==> flow/design.v <==
module cpu_multiplier_v2 #(
  parameter integer WD = 56,
  parameter integer MULT_BY = 46341,
  parameter integer SUM_W = WD + $clog2(MULT_BY + 1)
) (
  input wire i_clk,
  input wire rst_i,
  input wire adv,
  input wire [WD-1:0] u,
  output wire [SUM_W-1:0] q
);
  reg [WD-1:0] u_r;
  always @(posedge i_clk) begin
    if (rst_i) begin
      u_r <= 0;
    end else if (adv) begin
      u_r <= u;
    end
  end
  reg [SUM_W-1:0] r;
  integer k;
  always @* begin
    r = 0;
    for (k = 0; k < SUM_W - WD; k = k + 1)
      if ((MULT_BY >> k) & 1) r = r + (u_r << k);
  end
  assign q = r;
endmodule
== Step by step through the tools: cpu_multiplier_v2 ==
What the tools print for cpu_multiplier_v2, step after step.
Line numbers count from 1 in the design file above.
Not given: -
Set-up
  top module: cpu_multiplier_v2
  clock: i_clk
  library: sky130hd
  corner: tt_025C_1v80

== Elaborated design ==
Yosys after proc, flatten, opt, wreduce and memory -nomap, before mapping. Enables and synchronous resets that opt folds into registers are not counted as muxes. Memory bits, and registers merged into a memory's read port (data or address), are not among the register bits. Print and check cells are not counted. Equal cells are merged and count once.
Storage and ports
  output and inout bits: 72
  bits in registers: 56
  elaborated cells: 7
  bits of input ports: 59
Operators by class
  add/subtract/negate cells: 6
Operators with widths (number)
  70-bit by 71-bit adder with 72-bit output: 1
  69-bit by 69-bit adder with 70-bit output: 1
  67-bit by 68-bit adder with 69-bit output: 1
  65-bit by 66-bit adder with 67-bit output: 1
  59-bit by 64-bit adder with 65-bit output: 1
  56-bit by 58-bit adder with 59-bit output: 1

== Depth ==
Yosys ltp: most cells in a row. Word level: on the elaborated netlist, between registers, memories and ports. Mapped: between sequential cells and ports; inverters and the memories' decode and read muxes count.
Depth
  word-level depth: 6
  ABC_AREA: 0
  gate-level depth with buffers: 20
  depth with buffers taken out: 19

== Synthesis result ==
Yosys stat after the flow's synthesis: flattened, memories mapped to cells. It holds for the ABC_AREA given above (unset counts as 0); a run with the other value may have another netlist.
The area totals of this step are shown rounded.
Synthesis totals
  sequential area: 1121 µm²
  mapped flip-flops: 56
  cells in the netlist: 1424
  synthesis area: 13120 µm²
  buffer cells: 41
Cells by type
  sky130_fd_sc_hd__fa_1: number 255, area in all 5.1E+03 µm²
  sky130_fd_sc_hd__ha_1: number 127, area in all 1.59E+03 µm²
  sky130_fd_sc_hd__inv_1: number 362, area in all 1.36E+03 µm²
  sky130_fd_sc_hd__dfxtp_1: number 56, area in all 1.12E+03 µm²
  sky130_fd_sc_hd__mux2i_1: number 56, area in all 560.538 µm²
  sky130_fd_sc_hd__xnor2_1: number 41, area in all 359.094 µm²
  sky130_fd_sc_hd__nor2_1: number 95, area in all 356.592 µm²
  sky130_fd_sc_hd__a21oi_1: number 71, area in all 355.341 µm²
  sky130_fd_sc_hd__a21o_1: number 38, area in all 285.274 µm²
  sky130_fd_sc_hd__xor2_1: number 23, area in all 201.443 µm²
  sky130_fd_sc_hd__nand2_1: number 53, area in all 198.941 µm²
  sky130_fd_sc_hd__o21ai_0: number 28, area in all 140.134 µm²
  sky130_fd_sc_hd__nand4_1: number 21, area in all 131.376 µm²
  sky130_fd_sc_hd__o21bai_1: number 12, area in all 90.086 µm²
  sky130_fd_sc_hd__clkbuf_1: number 23, area in all 86.333 µm²
  sky130_fd_sc_hd__o21a_1: number 9, area in all 67.565 µm²
  sky130_fd_sc_hd__buf_2: number 12, area in all 60.058 µm²
  sky130_fd_sc_hd__nand3_1: number 12, area in all 60.058 µm²
Not listed: further types 50, cells in them 130.

== Path before layout ==
OpenSTA on the mapped netlist: ideal clock, no wires. The path of least setup slack (recovery checks aside). Input and output delay are each 20% of the period. Register names are those of the netlist, which keeps one name where synthesis merged equal registers.
Timing path after synthesis
  path type: flip-flop to output port
  from: register u_r[6]
  to: output port q[64]
  arrival: 5147 ps
  required time: 6432 ps
  launch time at the first pin: 0 ps
  delay of the path: 5147 ps
  driving pins on the path: 20
  slack: 1285 ps
  clock period: 8040 ps
  buffers on the path: 0
  output delay: 1608 ps
  period reached after synthesis: 6755 ps
"delay of the path" = arrival - input delay + setup time.
At an output port there is no setup time.
"driving pins on the path" counts driving pins, that of a launching flip-flop among them; a cell with two outputs on the path counts twice.
"period reached after synthesis" is the clock period less the worst setup slack; recovery checks do not enter. This is arithmetic on one report: input and output delays are still those of the set period (20% each).
Between the ends stands the longest chain of elaborated cells between them, by number of cells; it is not shown to be the way that was timed. Of several equally long chains one is given.
Each line given opens the expression or statement behind the cell; cells for indexed reads and writes are added by Yosys, which also makes memories of some case tables.
On the way, after synthesis
  cells stage by stage: sky130_fd_sc_hd__dfxtp_1 -> sky130_fd_sc_hd__inv_1 -> sky130_fd_sc_hd__fa_1 -> sky130_fd_sc_hd__inv_1 -> sky130_fd_sc_hd__fa_1 -> sky130_fd_sc_hd__fa_1 -> sky130_fd_sc_hd__inv_1 -> sky130_fd_sc_hd__fa_1 -> sky130_fd_sc_hd__inv_1 -> sky130_fd_sc_hd__ha_1 -> sky130_fd_sc_hd__a21oi_2 -> sky130_fd_sc_hd__o21bai_1 -> sky130_fd_sc_hd__a21o_1 -> sky130_fd_sc_hd__a2111oi_4 -> sky130_fd_sc_hd__o31ai_2 -> sky130_fd_sc_hd__a211o_1 -> sky130_fd_sc_hd__a221o_1 -> sky130_fd_sc_hd__a21oi_2 -> sky130_fd_sc_hd__o21ai_1 -> sky130_fd_sc_hd__xor2_1
  cells in the longest elaborated chain: 6
  elaborated cells between the ends (all ways): 6
  source lines of those cells: 1
  classes of those cells: 6 x add/sub
Ends and longest elaborated chain, after synthesis
  start, declared: line 12  | reg [WD-1:0] u_r;
  start, assigned: line 15  | u_r <= 0;
  start, assigned: line 17  | u_r <= u;
  56-bit by 58-bit adder with 59-bit output: line 25  | if ((MULT_BY >> k) & 1) r = r + (u_r << k);
  59-bit by 64-bit adder with 65-bit output: line 25
  65-bit by 66-bit adder with 67-bit output: line 25
  67-bit by 68-bit adder with 69-bit output: line 25
  69-bit by 69-bit adder with 70-bit output: line 25
  70-bit by 71-bit adder with 72-bit output: line 25
  end, declared: line 10  | output wire [SUM_W-1:0] q

== Path in the finished layout ==
From the final timing report of run 1: the path of least setup slack in the routed layout; clock arrival at registers is part of the times.
The report prints the path's times to 10 ps; the period is as set.
Timing path post-layout
  path type: flip-flop to output port
  from: register u_r[2]
  to: output port q[69]
  slack: 240 ps
  clock period: 8040 ps
  launch time at the first pin: 290 ps
  driving pins on the path: 22
  arrival: 6200 ps
  output delay: 1610 ps
  buffers on the path: 2
  required time: 6430 ps
Between the ends stands the longest chain of elaborated cells between them, by number of cells; it is not shown to be the way that was timed. Of several equally long chains one is given.
On the way, post-layout
  cells stage by stage: sky130_fd_sc_hd__dfxtp_2 -> sky130_fd_sc_hd__inv_1 -> sky130_fd_sc_hd__fa_1 -> sky130_fd_sc_hd__inv_1 -> sky130_fd_sc_hd__fa_1 -> sky130_fd_sc_hd__inv_1 -> sky130_fd_sc_hd__fa_1 -> sky130_fd_sc_hd__inv_1 -> sky130_fd_sc_hd__fa_1 -> sky130_fd_sc_hd__ha_2 -> sky130_fd_sc_hd__nand4_1 -> sky130_fd_sc_hd__o22ai_1 -> sky130_fd_sc_hd__or2_2 -> sky130_fd_sc_hd__o21ai_4 -> sky130_fd_sc_hd__a311oi_2 -> sky130_fd_sc_hd__buf_4 -> sky130_fd_sc_hd__o2111ai_1 -> sky130_fd_sc_hd__o21ba_4 -> sky130_fd_sc_hd__o21ai_4 -> sky130_fd_sc_hd__a211oi_2 -> sky130_fd_sc_hd__xnor2_1 -> sky130_fd_sc_hd__clkdlybuf4s50_1
  cells in the longest elaborated chain: 6
  elaborated cells between the ends (all ways): 6
  source lines of those cells: 1
  classes of those cells: 6 x add/sub
Ends and longest elaborated chain, post-layout
  start, declared: line 12  | reg [WD-1:0] u_r;
  start, assigned: line 15  | u_r <= 0;
  start, assigned: line 17  | u_r <= u;
  56-bit by 58-bit adder with 59-bit output: line 25  | if ((MULT_BY >> k) & 1) r = r + (u_r << k);
  59-bit by 64-bit adder with 65-bit output: line 25
  65-bit by 66-bit adder with 67-bit output: line 25
  67-bit by 68-bit adder with 69-bit output: line 25
  69-bit by 69-bit adder with 70-bit output: line 25
  70-bit by 71-bit adder with 72-bit output: line 25
  end, declared: line 10  | output wire [SUM_W-1:0] q

FLOW RESULTS
============

Module cpu_multiplier_v2, platform sky130hd: 3 stored runs of the flow (Yosys, OpenROAD) with differing settings, in no particular order. Input and output delays are each 20% of the period that was set; the output load is 0.01 pF.
"clock period achieved" = clock period - worst setup slack. The figure is calculated, with input and output delays left at 20% of the set period.
By "critical setup path time" is meant the share of the clock period that the worst setup path is allowed (20% is reserved at inputs, 20% at outputs), minus its slack. Clock arrival times at its registers enter into it.
By "total power of the final layout" is meant OpenSTA's value without simulated activity: inputs other than the clock are taken to toggle once in ten clock periods, and the tool carries that through the logic.
"critical setup path time" is given in steps of 10 ps.
Results are given in rounded form.

==> run 1: settings <==
{ "period_ns": 8.04, "CAP_MARGIN": 20, "CORE_MARGIN": 2, "CORE_UTILIZATION": 40, "SLEW_MARGIN": 20 }
==> run 1: results <==
synthesized cell area: 13120 µm²
die outline area: 34250 µm²
standard-cell area after routing: 15620 µm²
setup slack of the worst path: 236 ps
total negative slack on setup checks: 0 ps
lowest hold slack: 551 ps
total power of the final layout: 0.004875 W
clock period achieved: 7804 ps
critical setup path time: 6200 ps
critical path type: flip-flop to output port

==> run 2: settings <==
{ "period_ns": 10.9, "CORE_UTILIZATION": 71, "PLACE_DENSITY_LB_ADDON": 0.15, "CORE_ASPECT_RATIO": 0.82, "CORE_MARGIN": 6, "CELL_PAD_IN_SITES_GLOBAL_PLACEMENT": 1, "TNS_END_PERCENT": 40, "GPL_TIMING_DRIVEN": 1, "GPL_ROUTABILITY_DRIVEN": 1, "CTS_CLUSTER_DIAMETER": 76, "MIN_ROUTING_LAYER": "met2", "MAX_ROUTING_LAYER": "met5", "CAP_MARGIN": 20, "SLEW_MARGIN": 20 }
==> run 2: results <==
did not finish, placement stopped with FLW-0024

==> run 3: settings <==
{ "period_ns": 11.1, "CORE_UTILIZATION": 37, "SETUP_SLACK_MARGIN": 0.03, "PLACE_DENSITY": 0.77, "CORE_ASPECT_RATIO": 1.27, "CORE_MARGIN": 9, "CELL_PAD_IN_SITES_DETAIL_PLACEMENT": 0, "CTS_CLUSTER_SIZE": 68, "MAX_ROUTING_LAYER": "met5", "CAP_MARGIN": 20, "SLEW_MARGIN": 20 }
==> run 3: results <==
synthesized cell area: 13120 µm²
die outline area: 42600 µm²
standard-cell area after routing: 14970 µm²
setup slack of the worst path: 2133 ps
total negative slack on setup checks: 0 ps
lowest hold slack: 630 ps
total power of the final layout: 0.003538 W
clock period achieved: 8967 ps
critical setup path time: 6750 ps
critical path type: flip-flop to output port
